==> flow/design.v <==
module my_mul_core (clk_i, rstn, i_u, i_v, o_mul);
   parameter integer DATA_W = 12;
   input clk_i;
   input rstn;
   input [DATA_W-1:0] i_u;
   input [DATA_W-1:0] i_v;
   output reg [2*DATA_W-1:0] o_mul;
   always @(posedge clk_i) begin
      if (!rstn) begin
         o_mul <= 0;
      end else begin
         o_mul <= i_u * i_v;
      end
   end
endmodule
# ---- Tool chain data of my_mul_core
# Tool output for the design above, in the order of the flow.
# Lines are those of the file above, counted from 1.
# Cell names lack the library's common part.
# The mark - stands for no value.
dict set report inputs {
  top_module {my_mul_core}
  clock {clk_i}
  cell_library {sky130hd}
  pvt_corner {tt_025C_1v80}
}

# ---- Word-level counts
# Source: Yosys, flattened and elaborated, memories not mapped. Widths are those after wreduce; folded enables and synchronous resets count as part of the registers. Registers that Yosys merges into a memory's read port (data or address) are not register bits. Print and check cells do not count. Equal cells are merged and count once.
dict set report classes {
  addsub 0
  multipliers 1
  div_mod_pow 0
  n_cmp 0
  equal 0
  shifts 0
  muxes 0
  logic 0
  n_reduce_logical 0
}
# op n
set ops {}
lappend ops {{12-bit by 12-bit multiplier with 24-bit output} 1}
dict set report word_totals {
  register_bits 24
  latch_bits 0
  ramBits 0
  romBits 0
  clocked_rd_ports_x_width 0
  n_memories 0
  in_bits 26
  out_inout_bits 24
}

# ---- Depth
# Depth = most cells in a row (Yosys ltp): at word level without a register or memory, in the mapped netlist without a sequential cell, where the memories' decode and read muxes count.
dict set report logic_depth {
  ltp_word 1
  abc_area 0
  ltp_mapped 19
  depth_no_buf 17
}

# ---- After synthesis
# Source: synth_stat.txt of the flow (Yosys; design flattened, memories mapped). It holds for the ABC_AREA given above (unset counts as 0); a run with the other value may have another netlist.
dict set report mapped {
  cell_count 644
  mapped_area_mm2 0.005514
  seq_area_mm2 0.0004805
  ffs 24
  buf_cells 30
}
# cell n
set by_type {}
lappend by_type {fa_1 100}
lappend by_type {ha_1 62}
lappend by_type {inv_1 141}
lappend by_type {dfxtp_1 24}
lappend by_type {nand2_1 107}
lappend by_type {and2_1 56}
lappend by_type {clkbuf_1 28}
lappend by_type {a21oi_1 14}
lappend by_type {mux2i_1 7}
lappend by_type {nand2b_1 8}
lappend by_type {nand4_1 8}
lappend by_type {a21o_1 6}
lappend by_type {nor2_1 12}
lappend by_type {o21ai_0 7}
lappend by_type {xnor2_1 4}
lappend by_type {and3_1 5}
lappend by_type {nor3_1 6}
lappend by_type {o221ai_4 1}
# Other cell types: 35; their cells: 48.

# ---- Worst setup path after synthesis
# Path of least setup slack by OpenSTA after synthesis, without wires, with an ideal clock, recovery checks aside; 20% of the period is set as input and as output delay. Where synthesis merged equal registers, the netlist keeps one of their names.
dict set report synth_path {
  kind {in2reg}
  start {in i_v[3]}
  end {reg o_mul[22]}
  clock_period_ps 7000
  in_delay_ps 1400
  launch_ps 1400
  arrival_time_ps 5805
  required_ps 6928
  path_slack_ps 1124
  path_delay_ps 4477
  path_stages 18
  path_buffers 1
  synth_period_reached_ps 5876
}
# "path_delay_ps" is the arrival time less input delay plus setup time.
# "path_stages" counts driving pins, that of a launching flip-flop among them; a cell with two outputs on the path counts twice.
# "synth_period_reached_ps" = period - worst setup slack (recovery checks aside). The figure is calculated, with input and output delays left at 20% of the set period.
# The rows between start and end are the longest chain of elaborated cells between them; the timing report does not say that the signal goes this way. Where chains are equally long, one stands for them.
# Each line given opens the expression or statement behind the cell; cells for indexed reads and writes are added by Yosys, which also makes memories of some case tables.
dict set report synth_via {
  path_cell_list {clkbuf_1 > nand2_1 > fa_1 > inv_1 > fa_1 > inv_1 > fa_1 > inv_1 > fa_1 > inv_1 > fa_1 > inv_1 > ha_1 > o21a_1 > o21ai_0 > a32oi_1 > a211oi_1 > mux2i_1}
  elab_chain_len 1
  cells_between 1
  cone_lines 1
}
# element line
set synth_rtl {}
lappend synth_rtl {{start: declaration} 6} ;# input [DATA_W-1:0] i_v;
lappend synth_rtl {{12-bit by 12-bit multiplier with 24-bit output} 12} ;# o_mul <= i_u * i_v;
lappend synth_rtl {{end: assignment} 10} ;# o_mul <= 0;
lappend synth_rtl {{end: assignment} 12}
lappend synth_rtl {{end: declaration} 7} ;# output reg [2*DATA_W-1:0] o_mul;

# ---- Worst path after layout
# Path of least setup slack in the final report of run A (OpenROAD, finished layout, wires in). Where an end is a register, its clock arrival counts in the times.
# The report prints the path's times to 10 ps; the period is as set.
dict set report layout_path {
  kind {in2reg}
  start {in i_u[4]}
  end {reg o_mul[22]}
  clock_period_ps 3840
  in_delay_ps 770
  launch_ps 770
  arrival_time_ps 5740
  required_ps 4040
  path_slack_ps -1700
  path_stages 21
  path_buffers 4
}
# The rows between start and end are the longest chain of elaborated cells between them; the timing report does not say that the signal goes this way. Where chains are equally long, one stands for them.
dict set report layout_via {
  path_cell_list {buf_2 > clkbuf_8 > buf_6 > buf_6 > nand2_1 > fa_2 > inv_1 > ha_1 > inv_2 > fa_1 > inv_1 > fa_1 > inv_2 > fa_1 > inv_2 > ha_4 > o21a_1 > o21ai_2 > a32oi_4 > a211oi_2 > mux2i_1}
  elab_chain_len 1
  cells_between 1
  cone_lines 1
}
# element line
set layout_rtl {}
lappend layout_rtl {{start: declaration} 5} ;# input [DATA_W-1:0] i_u;
lappend layout_rtl {{12-bit by 12-bit multiplier with 24-bit output} 12} ;# o_mul <= i_u * i_v;
lappend layout_rtl {{end: assignment} 10} ;# o_mul <= 0;
lappend layout_rtl {{end: assignment} 12}
lappend layout_rtl {{end: declaration} 7} ;# output reg [2*DATA_W-1:0] o_mul;

# Measured results for my_mul_core: 3 stored runs of the Yosys and OpenROAD flow on sky130hd. The settings differ; the order carries no meaning. The constraints put input and output delay at 20% of the set period each and load the outputs with 0.01 pF.
# "clock_period_reached_ps" means the clock period less the worst setup slack. The figure is calculated, with input and output delays left at 20% of the set period.
# "worst_path_allowed_less_slack_ps" is the time allowed to the run's worst setup path (the clock period less input and output delay, where it has them) less its slack. Clock arrival times count: a late capture clock shortens it, a late launch clock lengthens it.
# "power.total_uw" rests on the timing tool's default activity at the inputs, not on a simulated workload.
# "worst_path_allowed_less_slack_ps" is known to 10 ps.
run="run A" settings period_ns=3.84 CORE_UTILIZATION=67 SETUP_SLACK_MARGIN=0.99 PLACE_DENSITY=0.65 CELL_PAD_IN_SITES_DETAIL_PLACEMENT=0 TNS_END_PERCENT=5 GPL_TIMING_DRIVEN=0 CTS_CLUSTER_DIAMETER=225 SLEW_MARGIN=0 CAP_MARGIN=20 CORE_MARGIN=2
run="run A" results power.total_uw=6830 yosys.chip_area_mm2=0.005514 hold_ws_ps=945 final_die_area_mm2=0.0089719 setup_ws_ps=-1697 layout_utilization_pct=92.7 clock_period_reached_ps=5537 tns_ps=-24354 worst_path_allowed_less_slack_ps=4770 critical_path_type="in2reg" post_route_stdcell_area_mm2=0.0075047
run="run B" settings period_ns=7.0 CAP_MARGIN=20 CORE_MARGIN=2 CORE_UTILIZATION=40 SLEW_MARGIN=20
run="run B" results power.total_uw=2428 yosys.chip_area_mm2=0.005514 hold_ws_ps=2056 final_die_area_mm2=0.0147404 setup_ws_ps=489 layout_utilization_pct=46.8 clock_period_reached_ps=6511 tns_ps=0 worst_path_allowed_less_slack_ps=5110 critical_path_type="in2reg" post_route_stdcell_area_mm2=0.006251
run="run C" settings period_ns=8.7 CORE_UTILIZATION=51 SETUP_SLACK_MARGIN=0.52 PLACE_DENSITY_LB_ADDON=0.02 CELL_PAD_IN_SITES_GLOBAL_PLACEMENT=0 GPL_ROUTABILITY_DRIVEN=0 MAX_ROUTING_LAYER="met4" CAP_MARGIN=20 CORE_MARGIN=2 SLEW_MARGIN=20
run="run C" results power.total_uw=1921 yosys.chip_area_mm2=0.005514 hold_ws_ps=2499 final_die_area_mm2=0.0116597 setup_ws_ps=1905 layout_utilization_pct=58.9 clock_period_reached_ps=6795 tns_ps=0 worst_path_allowed_less_slack_ps=5050 critical_path_type="in2reg" post_route_stdcell_area_mm2=0.0061309
